==> flow/design.v <==
module my_mplex_top #(
  parameter BITS = 12,
  parameter N_IN = 8,
  parameter SW = $clog2(N_IN)
) (
  input clk_i,
  input clr,
  input adv,
  input [N_IN*BITS-1:0] in_src,
  input [SW-1:0] in_select,
  output reg [BITS-1:0] out_data_out
);
  reg [N_IN*BITS-1:0] r_src;
  always @(posedge clk_i or posedge clr) begin
    if (clr) begin
      r_src <= 0;
    end else if (adv) begin
      r_src <= in_src;
    end
  end
  reg [SW-1:0] r_select;
  always @(posedge clk_i or posedge clr) begin
    if (clr) begin
      r_select <= 0;
    end else if (adv) begin
      r_select <= in_select;
    end
  end
  localparam HALF = N_IN / 2;
  reg [BITS-1:0] r_lo;
  always @(posedge clk_i or posedge clr) begin
    if (clr) begin
      r_lo <= 0;
    end else if (adv) begin
      r_lo <= r_src[r_select[SW-2:0]*BITS +: BITS];
    end
  end
  reg [BITS-1:0] r_hi;
  always @(posedge clk_i or posedge clr) begin
    if (clr) begin
      r_hi <= 0;
    end else if (adv) begin
      r_hi <= r_src[(HALF + r_select[SW-2:0])*BITS +: BITS];
    end
  end
  reg r_select_d;
  always @(posedge clk_i or posedge clr) begin
    if (clr) begin
      r_select_d <= 1'b0;
    end else if (adv) begin
      r_select_d <= r_select[SW-1];
    end
  end
  always @(posedge clk_i or posedge clr) begin
    if (clr) begin
      out_data_out <= 0;
    end else if (adv) begin
      out_data_out <= r_select_d ? r_hi : r_lo;
    end
  end
endmodule
# ---- Step by step through the tools: my_mplex_top
# What the tools print for my_mplex_top, step after step.
# Line numbers count from 1 in the design file above.
# Cell names lack the library's common part.
# The mark -- stands for no value.
dict set report setup {
  top_module {my_mplex_top}
  clock {clk_i}
  lib {sky130hd}
  pvt_corner {tt_025C_1v80}
}

# ---- Word-level counts
# Counts by Yosys on the flattened word-level netlist (proc, flatten, opt, wreduce; memories kept). Register bits leave out memories and registers merged into their read ports (data or address); mux counts leave out enables and synchronous resets folded into registers. Print and check cells are left out. Cells with the same type and inputs are merged into one.
dict set report classes {
  addsub 1
  multipliers 2
  div_mod_pow 0
  compare 0
  equal 0
  shifts 2
  mux 1
  bitwise 0
  reduce_and_logical 0
}
# operator n
set op_table {}
lappend op_table {{96-bit by 7-bit variable part select with 12-bit output} 1}
lappend op_table {{96-bit by 9-bit variable part select with 12-bit output} 1}
lappend op_table {{4-bit by 2-bit multiplier with 6-bit output with constant B} 1}
lappend op_table {{12-bit 2-to-1 mux} 1}
lappend op_table {{2-bit by 2-bit multiplier with 4-bit output with constant B} 1}
lappend op_table {{3-bit by 2-bit adder with 4-bit output with constant A} 1}
dict set report word_totals {
  register_bits 136
  latchBits 0
  mem_bits_rw 0
  romBits 0
  clocked_rd_ports_x_width 0
  mem_count 0
  inputBits 102
}

# ---- Depth
# Longest topological path by Yosys (ltp), each cell counted once; first at word level (registers and memories cut), then after technology mapping (sequential cells cut; the memories' decode and read muxes count).
dict set report depth {
  word_depth 3
  abc_area 1
  depth_mapped 8
  mapped_depth_nobuf 6
}

# ---- Mapped cells and area
# Source: synth_stat.txt of the flow (Yosys; design flattened, memories mapped). It holds for the ABC_AREA given above (unset counts as 0); a run with the other value may have another netlist.
# type n type_area_um2
set types {}
lappend types {dfrtp_1 136 3.4E+03}
lappend types {nand2_1 306 1.15E+03}
lappend types {o21ai_1 121 605.581}
lappend types {inv_1 97 364.099}
lappend types {nand3_1 48 240.23}
lappend types {buf_2 27 135.13}
lappend types {clkbuf_1 12 45.043}
lappend types {nor2_1 12 45.043}
lappend types {buf_4 5 37.536}
lappend types {buf_6 2 22.522}
lappend types {inv_2 3 11.261}
lappend types {o21ai_0 2 10.01}
lappend types {inv_4 1 6.256}
dict set report mapped {
  cells 772
  mapped_area_um2 6074.6
  seq_area_um2 3403.3
  ff_cells 136
}

# ---- Timing after synthesis
# Source: OpenSTA report_checks on the synthesized netlist (no wires, ideal clock, input and output delay 20% of the period each), path of least setup slack; recovery checks are left aside. Register names are those of the netlist, which keeps one name where synthesis merged equal registers.
dict set report synth_timing {
  kind {reg-to-reg}
  from {reg r_select[0]}
  to {reg r_lo[0]}
  tclk_ps 1430
  arrival_ps 983
  t_required_ps 1313
  slack_ps 330
  path_delay_ps 1100
  driving_pins 9
  path_buffers 2
  synth_period_reached_ps 1100
}
# "path_delay_ps" is the arrival time less input delay plus setup time.
# "driving_pins": output pins that drive a net of the path, with the launching flip-flop's if there is one; two outputs of one cell count as two.
# "synth_period_reached_ps" is the clock period less the worst setup slack; recovery checks do not enter. This is arithmetic on one report: input and output delays are still those of the set period (20% each).
# Between the ends stands the longest chain of elaborated cells between them, by number of cells; it is not shown to be the way that was timed. Of several equally long chains one is given.
# Each line given opens the expression or statement behind the cell; cells for indexed reads and writes are added by Yosys, which also makes memories of some case tables.
dict set report synth_between {
  path_cell_list {dfrtp_1 -> inv_2 -> buf_2 -> buf_6 -> nand2_1 -> nand3_1 -> nand2_1 -> nand2_1 -> nand2_1}
  elab_chain_cells 2
  cone_cells 2
}
# element line_no
set synth_lines {}
lappend synth_lines {{start: declaration} 21} ;# reg [SW-1:0] r_select;
lappend synth_lines {{start: assignment} 24} ;# r_select <= 0;
lappend synth_lines {{start: assignment} 26} ;# r_select <= in_select;
lappend synth_lines {{2-bit by 2-bit multiplier with 4-bit output} 35} ;# r_lo <= r_src[r_select[SW-2:0]*BITS +: BITS];
lappend synth_lines {{96-bit by 7-bit variable part select with 12-bit output} 35}
lappend synth_lines {{end: assignment} 33} ;# r_lo <= 0;
lappend synth_lines {{end: assignment} 35}
lappend synth_lines {{end: declaration} 30} ;# reg [BITS-1:0] r_lo;

# ---- Path in the finished layout
# From the final timing report of job 1: the path of least setup slack in the routed layout; clock arrival at registers is part of the times.
# The report prints the path's times to 10 ps; the period is as set.
dict set report layout_timing {
  kind {reg-to-reg}
  from {reg r_select[0]}
  to {reg r_hi[3]}
  tclk_ps 1140
  arrival_ps 1570
  t_required_ps 1510
  slack_ps -60
  driving_pins 8
  path_buffers 2
}
# Between the ends stands the longest chain of elaborated cells between them, by number of cells; it is not shown to be the way that was timed. Of several equally long chains one is given.
dict set report layout_between {
  path_cell_list {dfrtp_2 -> buf_6 -> clkbuf_16 -> nand2_2 -> nand3_4 -> nand2_2 -> nand2_2 -> nand2_1}
  elab_chain_cells 3
  cone_cells 3
}
# element line_no
set layout_lines {}
lappend layout_lines {{start: declaration} 21} ;# reg [SW-1:0] r_select;
lappend layout_lines {{start: assignment} 24} ;# r_select <= 0;
lappend layout_lines {{start: assignment} 26} ;# r_select <= in_select;
lappend layout_lines {{3-bit by 2-bit adder with 4-bit output} 43} ;# r_hi <= r_src[(HALF + r_select[SW-2:0])*BITS +: BITS];
lappend layout_lines {{4-bit by 2-bit multiplier with 6-bit output} 43}
lappend layout_lines {{96-bit by 9-bit variable part select with 12-bit output} 43}
lappend layout_lines {{end: assignment} 41} ;# r_hi <= 0;
lappend layout_lines {{end: assignment} 43}
lappend layout_lines {{end: declaration} 38} ;# reg [BITS-1:0] r_hi;

; Settings and measured results of 2 stored flow runs for module my_mplex_top (sky130hd), not sorted in any way. The constraints put input and output delay at 20% of the set period each and load the outputs with 0.01 pF.
; "clock_period_reached_ps": clock period set for the run, less the worst setup slack. It is reckoned from that one timing run; input and output delays stay at 20% of the period that was set.
; "worst_path_ps" is the time allowed to the run's worst setup path (the clock period less input and output delay, where it has them) less its slack. Clock arrival times count: a late capture clock shortens it, a late launch clock lengthens it.
; "fin_power_mw": no workload was simulated; the value follows from the tool's default switching activity.
; "worst_path_ps" is given in steps of 10 ps.

[job 1: settings]
period_ns = 1.14
CORE_UTILIZATION = 19
SETUP_SLACK_MARGIN = 0.16
PLACE_DENSITY = 0.46
HOLD_SLACK_MARGIN = 0.12
CORE_ASPECT_RATIO = 0.81
CELL_PAD_IN_SITES_DETAIL_PLACEMENT = 1
ABC_AREA = 1
GPL_TIMING_DRIVEN = 1
CTS_CLUSTER_SIZE = 81
CAP_MARGIN = 35
CORE_MARGIN = 2
SLEW_MARGIN = 20
[job 1: results]
worst_setup_slack_ps = -59
synth_chip_area_um2 = 6074.6
fin_power_mw = 14.536
clock_period_reached_ps = 1199
design_die_area_um2 = 33425.3
worst_path_ps = 1200
worstPathKind = reg-to-reg
fin_util_pct = 29.0
final_setup_tns_ps = -851

[job 2: settings]
period_ns = 1.43
CAP_MARGIN = 20
CORE_MARGIN = 2
CORE_UTILIZATION = 40
SLEW_MARGIN = 20
[job 2: results]
worst_setup_slack_ps = 43
synth_chip_area_um2 = 5845.6
fin_power_mw = 10.422
clock_period_reached_ps = 1387
design_die_area_um2 = 15597.5
worst_path_ps = 1100
worstPathKind = reg-to-output
fin_util_pct = 53.6
final_setup_tns_ps = 0
